==> flow/design.v <==
module u_ram_block_mod #(
  parameter integer WORDS = 24,
  parameter integer DW = 24,
  parameter integer AWIDTH = $clog2(WORDS),
  parameter integer SLICES = DW / 8
) (
  input  wire CLK,
  input  wire reset,
  input  wire [SLICES-1:0] wstrb,
  input  wire [AWIDTH-1:0] wr_idx,
  input  wire [DW-1:0] d,
  input  wire [AWIDTH-1:0] rsel,
  output wire [DW-1:0] dout
);
  reg [DW-1:0] ram [0:WORDS-1];
  integer i;
  always @(posedge CLK) begin
    for (i = 0; i < SLICES; i = i + 1)
      if (wstrb[i]) ram[wr_idx][8*i +: 8] <= d[8*i +: 8];
  end
  reg [DW-1:0] dout_d1;
  assign dout = dout_d1;
  always @(posedge CLK or posedge reset) begin
    if (reset) begin
      dout_d1 <= 0;
    end else begin
      dout_d1 <= ram[rsel];
    end
  end
endmodule
[Tool chain data of u_ram_block_mod]
What the tools print for u_ram_block_mod, step after step.
Lines are those of the file above, counted from 1.
Library cell names are shortened.
A cell with -- has no value.
Design
  design top: u_ram_block_mod
  clock port: CLK
  library: sky130hd
  corner: tt_025C_1v80

[Word level]
Yosys after proc, flatten, opt, wreduce and memory -nomap, before mapping. Enables and synchronous resets that opt folds into registers are not counted as muxes. Memory bits, and registers merged into a memory's read port (data or address), are not among the register bits. Print and check cells are not counted. Equal cells are merged and count once.
Memory sizes are those after Yosys's memory passes, which may raise the word count (mostly to a power of two), join words into wider ones and drop unused or constant bits.
Storage and ports
  register bits after elaboration: 0
  word width x clocked read ports: 24
  word-level cells: 7
  RAM bits: 576
  memories: 1
  output and inout bits: 24
Memories
  ram: depth 24, width 24, read ports 1, write ports 1, RTL line 15  | reg [DW-1:0] ram [0:WORDS-1];
Cells by class
  muxes and demuxes: 6
Operators with widths (number)
  2-to-1 mux 24 bit: 3
  2-to-1 mux 1 bit: 3

[Depth]
Longest topological path by Yosys (ltp), each cell counted once; first at word level (registers and memories cut), then after technology mapping (sequential cells cut; the memories' decode and read muxes count).
Logic depth
  word-level depth: 1
  ABC_AREA: 0
  mapped depth: 8
  mapped depth without buffers: 4

[After synthesis]
Yosys stat after the flow's synthesis: flattened, memories mapped to cells. It holds for the ABC_AREA given above (unset counts as 0); a run with the other value may have another netlist.
Totals and module areas in this step are rounded.
Cell types
  edfxtp_1: number 576, area in all 1.73E+04 µm²
  mux4_2: number 96, area in all 2.16E+03 µm²
  mux2i_1: number 120, area in all 1.2E+03 µm²
  dfrtp_1: number 24, area in all 600.576 µm²
  and2_1: number 71, area in all 444.176 µm²
  a2bb2oi_1: number 24, area in all 210.202 µm²
  o311ai_1: number 24, area in all 210.202 µm²
  buf_6: number 17, area in all 191.434 µm²
  a22oi_1: number 24, area in all 180.173 µm²
  o211ai_1: number 24, area in all 180.173 µm²
  nand3_1: number 24, area in all 120.115 µm²
  clkbuf_1: number 27, area in all 101.347 µm²
  nand2_1: number 26, area in all 97.594 µm²
  nor2_1: number 25, area in all 93.84 µm²
  buf_2: number 14, area in all 70.067 µm²
  buf_4: number 9, area in all 67.565 µm²
  and3_1: number 3, area in all 18.768 µm²
  nor2b_1: number 3, area in all 18.768 µm²
Not listed: further types 9, cells in them 12.
Synthesis totals
  mapped cells: 1143
  mapped flip-flops: 600
  mapped area: 0.0233 mm²
  buffers: 69

[Path before layout]
Path of least setup slack by OpenSTA after synthesis, without wires, with an ideal clock, recovery checks aside; 20% of the period is set as input and as output delay. Where synthesis merged equal registers, the netlist keeps one of their names.
Path after synthesis
  path type: in2reg
  start: in wr_idx[3]
  end: mem ram[17][0]
  stages: 3
  library setup time: 332 ps
  data arrival time: 1312 ps
  clock period: 1960 ps
  required time: 1628 ps
  delay of the path: 1252 ps
  setup slack: 316 ps
  buffers on the path: 0
  period reached after synthesis: 1644 ps
"delay of the path" = arrival - input delay + setup time.
"stages" counts driving pins, that of a launching flip-flop among them; a cell with two outputs on the path counts twice.
"period reached after synthesis" = period - worst setup slack (recovery checks aside). The figure is calculated, with input and output delays left at 20% of the set period.
On the way, after synthesis
  path through: or3b_2 nor2_1 and2_1
Ends and longest elaborated chain, after synthesis
  start, declared: RTL line 10  | input  wire [AWIDTH-1:0] wr_idx,
  end, declared: RTL line 15  | reg [DW-1:0] ram [0:WORDS-1];
No chain of elaborated cells between the ends is given.

[Timing after layout]
Path of least setup slack in the final report of flow run 1 (OpenROAD, finished layout, wires in). Where an end is a register, its clock arrival counts in the times.
The path's times are printed in steps of 10 ps; the period is the one set.
Path after layout
  path type: reg2out
  start: reg dout_d1[7]
  end: out dout[7]
  data arrival time: 1210 ps
  buffers on the path: 1
  stages: 2
  setup slack: -70 ps
  output delay: 290 ps
  clock period: 1430 ps
  required time: 1140 ps
On the way, after layout
  path through: dfrtp_1 buf_2
  length of the longest elaborated chain: 0
  elaborated cells between the ends (all ways): 0
  source lines of those cells: 0
Ends and longest elaborated chain, after layout
  start, declared: RTL line 21  | reg [DW-1:0] dout_d1;
  end, declared: RTL line 13  | output wire [DW-1:0] dout

Below are 3 stored runs of the flow (Yosys, OpenROAD; platform sky130hd) on u_ram_block_mod, each with its settings and what was measured, unordered. Constraints: input delay and output delay 20% of the set period each, output load 0.01 pF.
"period achieved" means the clock period less the worst setup slack. The figure is calculated, with input and output delays left at 20% of the set period.
"time used up by the worst setup path": the worst setup path's part of the clock period (all of it between registers, 20% less for each end at a port) less its slack. A launch clock that arrives late makes it longer, a capture clock that arrives late makes it shorter.
"total power after layout" is the tool's figure for a default switching activity; nothing was simulated.
"time used up by the worst setup path" is given in steps of 10 ps.
Measured values are rounded.

==> flow run 1: settings <==
{ "period_ns": 1.43, "CORE_UTILIZATION": 40, "CELL_PAD_IN_SITES_DETAIL_PLACEMENT": 0, "GPL_TIMING_DRIVEN": 0, "MAX_ROUTING_LAYER": "met4", "CAP_MARGIN": 20, "CORE_MARGIN": 2, "SLEW_MARGIN": 20 }
==> flow run 1: results <==
Yosys chip area after synthesis: 0.0233 mm²
die area: 0.0603 mm²
standard-cell area after routing: 0.0276 mm²
post-route utilization: 47.9%
worst setup slack after layout: -69 ps
setup total negative slack: -325 ps
total power after layout: 37.1 mW
period achieved: 1499 ps
time used up by the worst setup path: 1210 ps
critical path type: reg2out

==> flow run 2: settings <==
{ "period_ns": 1.96, "CAP_MARGIN": 20, "CORE_MARGIN": 2, "CORE_UTILIZATION": 40, "SLEW_MARGIN": 20 }
==> flow run 2: results <==
Yosys chip area after synthesis: 0.0233 mm²
die area: 0.0603 mm²
standard-cell area after routing: 0.0289 mm²
post-route utilization: 50.0%
worst setup slack after layout: 72 ps
setup total negative slack: 0 ps
total power after layout: 27.3 mW
period achieved: 1888 ps
time used up by the worst setup path: 1500 ps
critical path type: in2reg

==> flow run 3: settings <==
{ "period_ns": 1.93, "CORE_UTILIZATION": 58, "SETUP_SLACK_MARGIN": -0.18, "PLACE_DENSITY_LB_ADDON": 0.02, "HOLD_SLACK_MARGIN": 0.3, "CORE_ASPECT_RATIO": 1.27, "CELL_PAD_IN_SITES_DETAIL_PLACEMENT": 2, "TNS_END_PERCENT": 80, "GPL_ROUTABILITY_DRIVEN": 0, "CAP_MARGIN": 35, "CORE_MARGIN": 2, "SLEW_MARGIN": 20 }
==> flow run 3: results <==
did not finish, placement stopped with DPL-0033
